==> flow/design.v <==
module core_plus_blk #(
  parameter integer DATA_WIDTH = 8,
  parameter integer EXT = 8
) (
  input  logic clk_i,
  input  logic rst_n,
  input  logic [DATA_WIDTH-1:0] d,
  input  logic init,
  output logic [DATA_WIDTH+EXT-1:0] res
);
  logic [DATA_WIDTH+EXT-1:0] total;
  always_ff @(posedge clk_i or negedge rst_n) begin
    if (~rst_n) begin
      total <= 0;
    end else begin
      total <= init ? 0 : total + d;
    end
  end
  assign res = total;
endmodule
* Reports on core_plus_blk *
The steps from the RTL of core_plus_blk to its reports follow in flow order.
Line numbers count from 1 in the design file above.
Library cell names are shortened.
A cell with n/a has no value.

inputs
  design top = core_plus_blk
  clock = clk_i
  cell library = sky130hd
  timing corner = tt_025C_1v80

* Word level *
Source: Yosys, flattened and elaborated, memories not mapped. Widths are those after wreduce; folded enables and synchronous resets count as part of the registers. Registers that Yosys merges into a memory's read port (data or address) are not register bits. Print and check cells do not count. Equal cells are merged and count once.

bit counts
  register bits = 16
  input port bits = 11
  output and inout port bits = 16
  word-level cells = 3

operators by class
  add/sub/neg operators = 1
  mux-type cells = 1

operators by type and width
  kind                    count
  adder 16 x 8 -> 16 bit  1
  two-way mux 16 bit      1

* Longest topological paths *
Yosys ltp: most cells in a row. Word level: on the elaborated netlist, between registers, memories and ports. Mapped: between sequential cells and ports; inverters and the memories' decode and read muxes count.

logic depth
  depth in word-level cells = 2
  ABC_AREA = 0
  mapped depth = 8
  gate-level depth less buffers = 8

* Mapped cells and area *
Source: synth_stat.txt of the flow (Yosys; design flattened, memories mapped). It holds for the ABC_AREA given above (unset counts as 0); a run with the other value may have another netlist.
Totals and module areas in this step are rounded.

cell types
  cell type  count  area in all (µm²)
  dfrtp_1    16     400.384
  ha_1       8      100.096
  xor2_1     7      61.309
  nor2_1     12     45.043
  a21oi_1    8      40.038
  mux2_1     3      33.782
  nand3_1    6      30.029
  nor2b_1    4      25.024
  a21o_1     3      22.522
  inv_1      6      22.522
  o211ai_1   3      22.522
  fa_1       1      20.019
  a21boi_1   2      15.014
  nand2_1    4      15.014
  nor3b_1    2      15.014
  a211oi_2   1      12.512
  o211ai_2   1      12.512
  o21ai_0    2      10.01

Other cell types: 10; their cells: 11.

synthesis totals
  mapped cells = 100
  mapped area = 0.000975 mm²
  sequential area = 0.0004 mm²
  flip-flops = 16
  buffer cells = 2

* Timing after synthesis *
OpenSTA on the mapped netlist: ideal clock, no wires. The path of least setup slack (recovery checks aside). Input and output delay are each 20% of the period. Register names are those of the netlist, which keeps one name where synthesis merged equal registers.

timing path post-synthesis
  path kind = input port to flip-flop
  start = in d[0]
  end = reg total[10]
  period = 2630 ps
  external input delay = 526 ps
  library setup time = 128 ps
  launch time at the first pin = 526 ps
  arrival time = 2082 ps
  data required time = 2502 ps
  setup slack = 420 ps
  delay of the path = 1684 ps
  stages on the path = 8
  buffers on the path = 0
  period reached after synthesis = 2210 ps

"delay of the path" is the arrival time less input delay plus setup time.
"stages on the path" counts driving pins, that of a launching flip-flop among them; a cell with two outputs on the path counts twice.
"period reached after synthesis" = period - worst setup slack (recovery checks aside). The figure is calculated, with input and output delays left at 20% of the set period.
Between the ends stands the longest chain of elaborated cells between them, by number of cells; it is not shown to be the way that was timed. Of several equally long chains one is given.
A line is the first line of the expression or statement that the cell stems from. Yosys adds cells for indexed reads and writes and turns some case tables into memories.

between the ends, post-synthesis
  cells stage by stage = ha_1 inv_1 fa_1 nand2b_1 a21oi_1 o211ai_2 a21oi_1 mux2_1
  cells in the longest elaborated chain = 2
  elaborated cells on any way between the ends = 2
  source lines of those cells = 1
  classes of those cells = add/sub: 1; mux: 1

ends and longest elaborated chain, post-synthesis
  what                    line  source
  from (decl)             7     input  logic [DATA_WIDTH-1:0] d,
  adder 16 x 8 -> 16 bit  16    total <= init ? 0 : total + d;
  two-way mux 16 bit      16
  to (assign)             14    total <= 0;
  to (assign)             16
  to (decl)               11    logic [DATA_WIDTH+EXT-1:0] total;

* Timing after layout *
Path of least setup slack in the final report of record 1 (OpenROAD, finished layout, wires in). Where an end is a register, its clock arrival counts in the times.
The report prints the path's times to 10 ps; the period is as set.

timing path post-layout
  path kind = flip-flop to flip-flop
  start = reg total[0]
  end = reg total[14]
  period = 1930 ps
  library setup time = 110 ps
  launch time at the first pin = 250 ps
  arrival time = 2100 ps
  data required time = 2070 ps
  setup slack = -30 ps
  stages on the path = 9
  buffers on the path = 0

Between the ends stands the longest chain of elaborated cells between them, by number of cells; it is not shown to be the way that was timed. Of several equally long chains one is given.

between the ends, post-layout
  cells stage by stage = dfrtp_1 ha_2 inv_2 fa_2 nand2b_4 a21oi_4 o211ai_4 a21boi_2 mux2_4
  cells in the longest elaborated chain = 2
  elaborated cells on any way between the ends = 2
  source lines of those cells = 1
  classes of those cells = add/sub: 1; mux: 1

ends and longest elaborated chain, post-layout
  what                    line  source
  from (decl)             11    logic [DATA_WIDTH+EXT-1:0] total;
  from (assign)           14    total <= 0;
  from (assign)           16    total <= init ? 0 : total + d;
  adder 16 x 8 -> 16 bit  16
  two-way mux 16 bit      16
  to (assign)             14
  to (assign)             16
  to (decl)               11

Add stored flow runs of core_plus_blk

Flow measurements of core_plus_blk on sky130hd: 3 stored runs with different settings, listed in no order. Input and output delays are each 20% of the period that was set; the output load is 0.01 pF.
"achieved clock period" is the run's clock period less its worst setup slack. It is reckoned from that one timing run; input and output delays stay at 20% of the period that was set.
Values from the reports are rounded here.
Settings: - = not set for that run.
A result given as - is not shown for that run.

setting or result                       record 1  record 2  record 3
period_ns                               1.93      2.63      3.83
CORE_UTILIZATION                        21        40        63
PLACE_DENSITY_LB_ADDON                  0.14      -         0.24
CORE_ASPECT_RATIO                       0.54      -         0.78
CTS_CLUSTER_SIZE                        34        -         70
CAP_MARGIN                              40        20        20
SLEW_MARGIN                             10        20        5
MAX_ROUTING_LAYER                       met4      -         -
CORE_MARGIN                             2         2         2
SETUP_SLACK_MARGIN                      -         -         0.73
CELL_PAD_IN_SITES_GLOBAL_PLACEMENT      -         -         2
TNS_END_PERCENT                         -         -         40
ABC_AREA                                -         -         1
GPL_ROUTABILITY_DRIVEN                  -         -         1
CTS_CLUSTER_DIAMETER                    -         -         55
setup TNS (ps)                          -56       0         -
setup slack of the critical path (ps)   -26       231       -
mapped cell area after synthesis (mm²)  0.000975  0.000975  -
utilization (%)                         38.3      59.4      -
achieved clock period (ps)              1956      2399      -
die footprint (mm²)                     0.00523   0.00285   -

Record 3: no results, placement failed with FLW-0024
